==> flow/design.v <==
module core_shift_unit_p (clk, ch, sa, o);
    parameter XLEN = 12;
    localparam LG = $clog2(XLEN);
    input clk;
    input signed [XLEN-1:0] ch;
    input [LG-1:0] sa;
    output [XLEN-1:0] o;
    reg signed [XLEN-1:0] ch_q;
    reg [LG-1:0] sa_q;
    always @(posedge clk) begin
        ch_q <= ch;
        sa_q <= sa;
    end
    assign o = ch_q >>> sa_q;
endmodule
; From RTL to reports: core_shift_unit_p
; Tool output for the members of one design family, told apart by "XLEN", in the order of the flow.
; The RTL above is that of XLEN=12; lines are counted from 1 in the file of the member named.
; Cell names lack the library's common part.
; Not given: n/a
[design]
design = core_shift_unit_p
clock_port = clk
cell_library = sky130hd
pvt_corner = tt_025C_1v80

; Members of the sweep
; New or changed lines of each further member against the RTL above, in its own file; lines it lacks are not shown.
[src_changes]
columns = XLEN, line_no
row1 = 16, 2  ; parameter XLEN = 16;
row2 = 20, 2  ; parameter XLEN = 20;
row3 = 64, 2  ; parameter XLEN = 64;

; Word-level counts
; Yosys after proc, flatten, opt, wreduce and memory -nomap, before mapping. Enables and synchronous resets that opt folds into registers are not counted as muxes. Memory bits, and registers merged into a memory's read port (data or address), are not among the register bits. Print and check cells are not counted. Equal cells are merged and count once.
[word_totals]
columns = XLEN, regBits, in_bits, word_cells, out_inout_bits
row1 = 12, 16, 17, 3, 12
row2 = 16, 20, 21, 3, 16
row3 = 20, 25, 26, 3, 20
row4 = 64, 70, 71, 3, 64
[op_classes]
columns = XLEN, shift
row1 = 12, 1
row2 = 16, 1
row3 = 20, 1
row4 = 64, 1
[ops]
columns = XLEN, op_list
row1 = 12, >>> shifter 12 x 4 -> 12 bit: 1
row2 = 16, >>> shifter 16 x 4 -> 16 bit: 1
row3 = 20, >>> shifter 20 x 5 -> 20 bit: 1
row4 = 64, >>> shifter 64 x 6 -> 64 bit: 1

; Logic depth
; Depth = most cells in a row (Yosys ltp): at word level without a register or memory, in the mapped netlist without a sequential cell, where the memories' decode and read muxes count.
[depth]
columns = XLEN, ltp_word, abc_area, depth_mapped, depth_no_buf
row1 = 12, 1, 0, 5, 3
row2 = 16, 1, 0, 6, 4
row3 = 20, 1, 0, 7, 4
row4 = 64, 1, 0, 9, 5

; Netlist
; Source: synth_stat.txt of the flow (Yosys; design flattened, memories mapped). It holds for the ABC_AREA given above (unset counts as 0); a run with the other value may have another netlist.
[types]
columns = XLEN, type_list
row1 = 12, dfxtp_1: 16; mux4_2: 8; mux4_1: 2; a211oi_1: 5; mux2i_1: 3; clkbuf_8: 2; buf_6: 2; nor2_1: 6; buf_12: 1; o2bb2ai_1: 2; inv_1: 4; mux2_4: 1; o21ai_0: 3; nor2b_1: 2; mux2_2: 1; o311a_2: 1; o21ai_1: 2; a311oi_1: 1; (+13)
row2 = 16, dfxtp_1: 20; mux2i_1: 14; mux4_2: 6; mux2_2: 9; nand2_1: 11; a221oi_1: 4; buf_2: 7; o21ai_0: 7; mux4_1: 1; a21oi_1: 5; nor2b_1: 4; nand2b_1: 3; o22ai_1: 3; a211oi_1: 2; a22oi_1: 2; buf_4: 2; nand3b_1: 2; nor2_1: 4; (+21)
row3 = 20, dfxtp_1: 25; mux2i_1: 26; mux4_2: 10; mux4_1: 5; mux2_2: 5; a21oi_1: 10; nor2_1: 10; nand2_1: 9; buf_2: 6; buf_6: 2; buf_12: 1; o21ai_0: 4; a22o_1: 2; o221ai_1: 2; o311ai_2: 1; buf_8: 1; clkbuf_1: 4; mux2_4: 1; (+31)
row4 = 64, mux4_2: 66; dfxtp_1: 70; mux2i_1: 55; mux2_2: 36; nand2_1: 82; mux4_1: 9; o21ai_0: 38; o221ai_1: 17; nor2_1: 39; clkbuf_1: 29; a21oi_1: 20; buf_2: 15; nand2b_1: 12; o211ai_1: 10; a221oi_1: 7; nand3_1: 11; a211oi_1: 6; buf_6: 4; (+120)
; The mark (+n) counts cells that are not listed.
[synth_totals]
columns = XLEN, buf_cells, sequential_area_um2, ff_cells, synth_area_um2, cell_count
row1 = 12, 8, 320.3, 16, 910.9, 75
row2 = 16, 13, 400.4, 20, 1260.0, 127
row3 = 20, 16, 500.5, 25, 1694.1, 155
row4 = 64, 64, 1401.3, 70, 6369.9, 646

; Worst setup path after synthesis
; Source: OpenSTA report_checks on the synthesized netlist (no wires, ideal clock, input and output delay 20% of the period each), path of least setup slack; recovery checks are left aside. Register names are those of the netlist, which keeps one name where synthesis merged equal registers.
[synth_path]
columns = XLEN, path_type, start, end, stages, delay_ns, setup_slack_ns, tclk_ns, synth_period_reached_ns
row1 = 12, register to output, register sa_q[1], output o[3], 5, 1.276, 0.316, 1.99, 1.674
row2 = 16, register to output, register sa_q[0], output o[2], 5, 1.382, 0.346, 2.16, 1.814
row3 = 20, register to output, register sa_q[0], output o[0], 7, 1.584, 0.400, 2.48, 2.08
row4 = 64, register to output, register sa_q[0], output o[4], 7, 2.110, 0.530, 3.3, 2.77
; "delay_ns" is the arrival time less input delay plus setup time.
; A path that ends at an output port has no setup time.
; "stages" counts driving pins, that of a launching flip-flop among them; a cell with two outputs on the path counts twice.
; "synth_period_reached_ns" is the clock period less the worst setup slack; recovery checks do not enter. This is arithmetic on one report: input and output delays are still those of the set period (20% each).
; The rows between start and end are the longest chain of elaborated cells between them; the timing report does not say that the signal goes this way. Where chains are equally long, one stands for them.
; A line is the first line of the expression or statement that the cell stems from. Yosys adds cells for indexed reads and writes and turns some case tables into memories.
[synth_via_XLEN_12]
elab_chain_cells = 1
[synth_lines_XLEN_12]
columns = item, line_no
row1 = from (decl), 9  ; reg [LG-1:0] sa_q;
row2 = from (assign), 12  ; sa_q <= sa;
row3 = >>> shifter 12 x 4 -> 12 bit, 14  ; assign o = ch_q >>> sa_q;
row4 = to (decl), 7  ; output [XLEN-1:0] o;
[synth_via_XLEN_64]
elab_chain_cells = 1
[synth_lines_XLEN_64]
columns = item, line_no
row1 = from (decl), 9  ; reg [LG-1:0] sa_q;
row2 = from (assign), 12  ; sa_q <= sa;
row3 = >>> shifter 64 x 6 -> 64 bit, 14  ; assign o = ch_q >>> sa_q;
row4 = to (decl), 7  ; output [XLEN-1:0] o;

; Worst path after layout
; From the final timing report of each member's run: the path of least setup slack in the routed layout; clock arrival at registers is part of the times.
[layout_path]
columns = XLEN, path_type, start, end, tclk_ns, stages, path_buffers, arrival_ns, setup_slack_ns
row1 = 12, register to output, register sa_q[0], output o[4], 1.99, 8, 4, 1.61, -0.02
row2 = 16, register to output, register sa_q[1], output o[2], 2.16, 8, 3, 1.94, -0.21
row3 = 20, register to output, register sa_q[1], output o[2], 2.48, 7, 2, 2.01, -0.02
row4 = 64, register to output, register sa_q[0], output o[22], 3.3, 10, 5, 2.81, -0.17

; Layout results
; Settings and results of one run of the flow (Yosys, OpenROAD) for each member follow. The constraints put input and output delay at 20% of the set period each and load the outputs with 0.01 pF.
[settings]
CAP_MARGIN = 20
CORE_MARGIN = 2
CORE_UTILIZATION = 40
SLEW_MARGIN = 20
[settings_diff]
columns = XLEN, period_ns
row1 = 12, 1.99
row2 = 16, 2.16
row3 = 20, 2.48
row4 = 64, 3.3
[measured]
columns = XLEN, die_footprint_um2, timing.setup.tns_ns, layout_utilization_pct, hold_worst_slack_ns, finalCellArea_um2, yosys_chip_area_um2, timing.setup.ws_ns, fin_power_mw, achieved_period_ns
row1 = 12, 2675.0, -0.047, 62.1, 0.550, 1360.0, 910.9, -0.022, 0.7821, 2.012
row2 = 16, 3615.0, -0.845, 67.9, 0.552, 2055.7, 1260.0, -0.210, 1.075, 2.370
row3 = 20, 4772.1, -0.035, 62.8, 0.655, 2529.9, 1694.1, -0.021, 1.103, 2.501
row4 = 64, 16949.4, -0.990, 62.5, 0.742, 9821.9, 6369.9, -0.167, 3.620, 3.467
; "achieved_period_ns": clock period set for the run, less the worst setup slack. It is reckoned from that one timing run; input and output delays stay at 20% of the period that was set.
; By "fin_power_mw" is meant OpenSTA's value without simulated activity: inputs other than the clock are taken to toggle once in ten clock periods, and the tool carries that through the logic.
